==> flow/design.v <==
module gen_mag_cmp_stage #(
  parameter DATA_W = 32,
  parameter LANES = 12
) (
  input  clock,
  input  srst,
  input  enable,
  input  [LANES*DATA_W-1:0] data,
  output [DATA_W-1:0] mx
);
  reg [LANES*DATA_W-1:0] data_s;
  always @(posedge clock) begin
    if (srst) begin
      data_s <= 0;
    end else if (enable) begin
      data_s <= data;
    end
  end
  reg [DATA_W-1:0] r;
  integer t;
  always @* begin
    r = data_s[DATA_W-1:0];
    for (t = 1; t < LANES; t = t + 1)
      if (data_s[t*DATA_W +: DATA_W] > r) r = data_s[t*DATA_W +: DATA_W];
  end
  assign mx = r;
endmodule
* From RTL to reports: gen_mag_cmp_stage
What the tools print for gen_mag_cmp_stage, step after step. Lines are those of the file above, counted from 1. Operators: Yosys type, input widths -> output width; for muxes data width and select width s. The mark - stands for no value.
Set-up: design top gen_mag_cmp_stage, clock clock, cell library sky130hd, library corner tt_025C_1v80

* After elaboration
Source: Yosys, flattened and elaborated, memories not mapped. Widths are those after wreduce; folded enables and synchronous resets count as part of the registers. Registers that Yosys merges into a memory's read port (data or address) are not register bits. Print and check cells do not count. Equal cells are merged and count once.
Cells by class: magnitude comparators 11, muxes and demuxes 11
Operators with widths (count):
- $gt 32x32->1 | 11
- $mux 32 | 11
Storage and ports: word-level cells 23, output and inout bits 32, register bits 384, bits of input ports 387

* Logic depth
Depth = most cells in a row (Yosys ltp): at word level without a register or memory, in the mapped netlist without a sequential cell, where the memories' decode and read muxes count.
Logic depth: depth after elaboration 22, ABC_AREA 0, gate-level depth with buffers 172, gate-level depth less buffers 158

* After synthesis
Source: synth_stat.txt of the flow (Yosys; design flattened, memories mapped). It holds for the ABC_AREA given above (unset counts as 0); a run with the other value may have another netlist. Totals and module areas in this step are rounded.
Mapped netlist: sequential area 0.00769 mm^2, cell count 3148, buffers 151, synthesis area 0.0275 mm^2, flip-flop cells 384
Cell types:
- sky130_fd_sc_hd__dfxtp_1 | count 384, area in all 7.69E+03 um^2
- sky130_fd_sc_hd__mux2i_1 | count 449, area in all 4494.31 um^2
- sky130_fd_sc_hd__ha_1 | count 336, area in all 4.2E+03 um^2
- sky130_fd_sc_hd__mux2_2 | count 181, area in all 2.04E+03 um^2
- sky130_fd_sc_hd__nor2_1 | count 507, area in all 1.9E+03 um^2
- sky130_fd_sc_hd__inv_1 | count 336, area in all 1261.21 um^2
- sky130_fd_sc_hd__a21oi_1 | count 140, area in all 700.672 um^2
- sky130_fd_sc_hd__o21ai_0 | count 102, area in all 510.49 um^2
- sky130_fd_sc_hd__a21o_1 | count 61, area in all 457.939 um^2
- sky130_fd_sc_hd__a221oi_2 | count 30, area in all 450.432 um^2
- sky130_fd_sc_hd__nand4_1 | count 65, area in all 406.64 um^2
- sky130_fd_sc_hd__clkbuf_1 | count 107, area in all 401.635 um^2
- sky130_fd_sc_hd__nand2_1 | count 84, area in all 315.302 um^2
- sky130_fd_sc_hd__a311oi_1 | count 32, area in all 280.269 um^2
- sky130_fd_sc_hd__nor2b_1 | count 40, area in all 250.24 um^2
- sky130_fd_sc_hd__nand2b_1 | count 38, area in all 237.728 um^2
- sky130_fd_sc_hd__nand3_1 | count 28, area in all 140.134 um^2
- sky130_fd_sc_hd__buf_1 | count 36, area in all 135.13 um^2
Not listed: further types 54, cells in them 192.

* Path before layout
Source: OpenSTA report_checks on the synthesized netlist (no wires, ideal clock, input and output delay 20% of the period each), path of least setup slack; recovery checks are left aside. Register names are those of the netlist, which keeps one name where synthesis merged equal registers.
Timing after synthesis: kind register -> output, from register data_s[1], to output mx[10], data required time 35.120 ns, launch time at the first pin 0.000 ns, period 43.9 ns, data arrival time 28.075 ns, delay of the path 28.075 ns, stages 169, buffers on the path 16, output delay 8.780 ns, slack 7.045 ns, period reached after synthesis 36.855 ns
"delay of the path" is the arrival time less input delay plus setup time. At an output port there is no setup time. "stages" counts driving pins, that of a launching flip-flop among them; a cell with two outputs on the path counts twice. "period reached after synthesis" is the clock period less the worst setup slack; recovery checks do not enter. This is arithmetic on one report: input and output delays are still those of the set period (20% each). The rows between start and end are the longest chain of elaborated cells between them; the timing report does not say that the signal goes this way. Where chains are equally long, one stands for them. A line is the first line of the expression or statement that the cell stems from. Yosys adds cells for indexed reads and writes and turns some case tables into memories.
Between the ends, after synthesis: path through sky130_fd_sc_hd__dfxtp_1 -> sky130_fd_sc_hd__inv_1 -> sky130_fd_sc_hd__ha_1 -> sky130_fd_sc_hd__nor2b_1 -> sky130_fd_sc_hd__o211ai_1 -> sky130_fd_sc_hd__a2111o_1 -> sky130_fd_sc_hd__a31oi_1 -> sky130_fd_sc_hd__a21o_1 -> sky130_fd_sc_hd__clkbuf_1 -> sky130_fd_sc_hd__buf_1 -> sky130_fd_sc_hd__mux2i_1 -> sky130_fd_sc_hd__ha_1 -> sky130_fd_sc_hd__nand3_1 -> sky130_fd_sc_hd__o221ai_1 -> sky130_fd_sc_hd__a211oi_1 -> sky130_fd_sc_hd__a21oi_1 -> sky130_fd_sc_hd__a211oi_1 -> sky130_fd_sc_hd__nor2_1 -> [... 133 more ...] -> sky130_fd_sc_hd__mux2i_1 -> sky130_fd_sc_hd__ha_1 -> sky130_fd_sc_hd__o21a_1 -> sky130_fd_sc_hd__o21ai_0 -> sky130_fd_sc_hd__nand2b_1 -> sky130_fd_sc_hd__a21oi_1 -> sky130_fd_sc_hd__nor2b_1 -> sky130_fd_sc_hd__o21ai_0 -> sky130_fd_sc_hd__nand2b_1 -> sky130_fd_sc_hd__a21oi_1 -> sky130_fd_sc_hd__nor3_1 -> sky130_fd_sc_hd__a2111oi_0 -> sky130_fd_sc_hd__o221ai_1 -> sky130_fd_sc_hd__nand2_1 -> sky130_fd_sc_hd__a21oi_1 -> sky130_fd_sc_hd__clkbuf_1 -> sky130_fd_sc_hd__clkbuf_1 -> sky130_fd_sc_hd__a221oi_2, cells in the longest elaborated chain 22, elaborated cells between the ends (all ways) 22, source lines of those cells 1, those cells by class 11 x compare; 11 x mux
RTL lines, path after synthesis:
- start: declaration | line 11 | reg [LANES*DATA_W-1:0] data_s;
- start: assignment | line 14 | data_s <= 0;
- start: assignment | line 16 | data_s <= data;
- $gt 32x32->1 | line 24 | if (data_s[t*DATA_W +: DATA_W] > r) r = data_s[t*DATA_W +: DATA_W];
- $mux 32 | line 24
- $gt 32x32->1 | line 24
- $mux 32 | line 24
- $gt 32x32->1 | line 24
- $mux 32 | line 24
- $gt 32x32->1 | line 24
- [... 8 more ...]
- $mux 32 | line 24
- $gt 32x32->1 | line 24
- $mux 32 | line 24
- $gt 32x32->1 | line 24
- $mux 32 | line 24
- $gt 32x32->1 | line 24
- $mux 32 | line 24
- end: declaration | line 9 | output [DATA_W-1:0] mx

* Path in the finished layout
Path of least setup slack in the final report of record 1 (OpenROAD, finished layout, wires in). Where an end is a register, its clock arrival counts in the times.
Timing after layout: kind register -> output, from register data_s[4], to output mx[18], output delay 6.14 ns, stages 161, buffers on the path 25, slack -4.06 ns, launch time at the first pin 0.67 ns, data arrival time 28.62 ns, period 30.7 ns, data required time 24.56 ns
The rows between start and end are the longest chain of elaborated cells between them; the timing report does not say that the signal goes this way. Where chains are equally long, one stands for them.
Between the ends, after layout: path through sky130_fd_sc_hd__dfxtp_1 -> sky130_fd_sc_hd__inv_1 -> sky130_fd_sc_hd__ha_1 -> sky130_fd_sc_hd__nand4_1 -> sky130_fd_sc_hd__a2111o_1 -> sky130_fd_sc_hd__a31oi_2 -> sky130_fd_sc_hd__a21o_2 -> sky130_fd_sc_hd__buf_6 -> sky130_fd_sc_hd__buf_12 -> sky130_fd_sc_hd__mux2i_4 -> sky130_fd_sc_hd__buf_6 -> sky130_fd_sc_hd__ha_4 -> sky130_fd_sc_hd__a21oi_2 -> sky130_fd_sc_hd__a211oi_1 -> sky130_fd_sc_hd__a211oi_2 -> sky130_fd_sc_hd__a21oi_4 -> sky130_fd_sc_hd__o211ai_1 -> sky130_fd_sc_hd__o21ai_4 -> [... 125 more ...] -> sky130_fd_sc_hd__o21ai_1 -> sky130_fd_sc_hd__nand2b_1 -> sky130_fd_sc_hd__a21oi_2 -> sky130_fd_sc_hd__nor2b_1 -> sky130_fd_sc_hd__o21ai_1 -> sky130_fd_sc_hd__nand2b_1 -> sky130_fd_sc_hd__a21oi_2 -> sky130_fd_sc_hd__nor3_2 -> sky130_fd_sc_hd__a2111oi_2 -> sky130_fd_sc_hd__o221ai_1 -> sky130_fd_sc_hd__nand2_1 -> sky130_fd_sc_hd__a21oi_4 -> sky130_fd_sc_hd__buf_6 -> sky130_fd_sc_hd__buf_6 -> sky130_fd_sc_hd__bufbuf_16 -> sky130_fd_sc_hd__a311oi_4 -> sky130_fd_sc_hd__a221oi_4 -> sky130_fd_sc_hd__buf_6, cells in the longest elaborated chain 22, elaborated cells between the ends (all ways) 22, source lines of those cells 1, those cells by class 11 x compare; 11 x mux
RTL lines, path after layout:
- start: declaration | line 11 | reg [LANES*DATA_W-1:0] data_s;
- start: assignment | line 14 | data_s <= 0;
- start: assignment | line 16 | data_s <= data;
- $gt 32x32->1 | line 24 | if (data_s[t*DATA_W +: DATA_W] > r) r = data_s[t*DATA_W +: DATA_W];
- $mux 32 | line 24
- $gt 32x32->1 | line 24
- $mux 32 | line 24
- $gt 32x32->1 | line 24
- $mux 32 | line 24
- $gt 32x32->1 | line 24
- [... 8 more ...]
- $mux 32 | line 24
- $gt 32x32->1 | line 24
- $mux 32 | line 24
- $gt 32x32->1 | line 24
- $mux 32 | line 24
- $gt 32x32->1 | line 24
- $mux 32 | line 24
- end: declaration | line 9 | output [DATA_W-1:0] mx

Subject: gen_mag_cmp_stage on sky130hd, stored results

Hello all,

gen_mag_cmp_stage through Yosys and OpenROAD on sky130hd: 3 stored runs, unordered, with their settings and measured results. The constraints put input and output delay at 20% of the set period each and load the outputs with 0.01 pF.
"period reached" means the clock period less the worst setup slack. The figure is calculated, with input and output delays left at 20% of the set period.
"time used up by the worst setup path" = time allowed to the worst setup path (clock period - input delay - output delay, where it has them) - its slack; a late launch clock adds to it, a late capture clock takes from it.
The results are shown rounded.

* Record 1 | settings: period_ns 30.7; CORE_UTILIZATION 20; PLACE_DENSITY_LB_ADDON 0.22; CORE_ASPECT_RATIO 0.72; CELL_PAD_IN_SITES_GLOBAL_PLACEMENT 3; CELL_PAD_IN_SITES_DETAIL_PLACEMENT 2; GPL_ROUTABILITY_DRIVEN 1; CTS_CLUSTER_DIAMETER 79; CAP_MARGIN 10; SLEW_MARGIN 20; MIN_ROUTING_LAYER met1; CORE_MARGIN 2 | results: post-synthesis cell area 0.0275 mm^2; full die area 0.14 mm^2; std-cell area (final layout) 0.0429 mm^2; utilization after routing 31.4%; worst slack on setup checks -4.06 ns; total negative slack on setup checks -127 ns; smallest hold slack 0.503 ns; period reached 34.763 ns; time used up by the worst setup path 28.62 ns; critical path kind register -> output
* Record 2 | settings: period_ns 64.2; CORE_UTILIZATION 59; SETUP_SLACK_MARGIN 5.0; CELL_PAD_IN_SITES_DETAIL_PLACEMENT 1; SLEW_MARGIN 35; CAP_MARGIN 20; CORE_MARGIN 2 | not finished: clock tree synthesis ended with error DPL-0033
* Record 3 | settings: period_ns 43.9; CAP_MARGIN 20; CORE_MARGIN 2; CORE_UTILIZATION 40; SLEW_MARGIN 20 | results: post-synthesis cell area 0.0275 mm^2; full die area 0.0708 mm^2; std-cell area (final layout) 0.034 mm^2; utilization after routing 49.8%; worst slack on setup checks 2.80 ns; total negative slack on setup checks 0.000 ns; smallest hold slack 0.497 ns; period reached 41.103 ns; time used up by the worst setup path 32.32 ns; critical path kind register -> output

Thanks
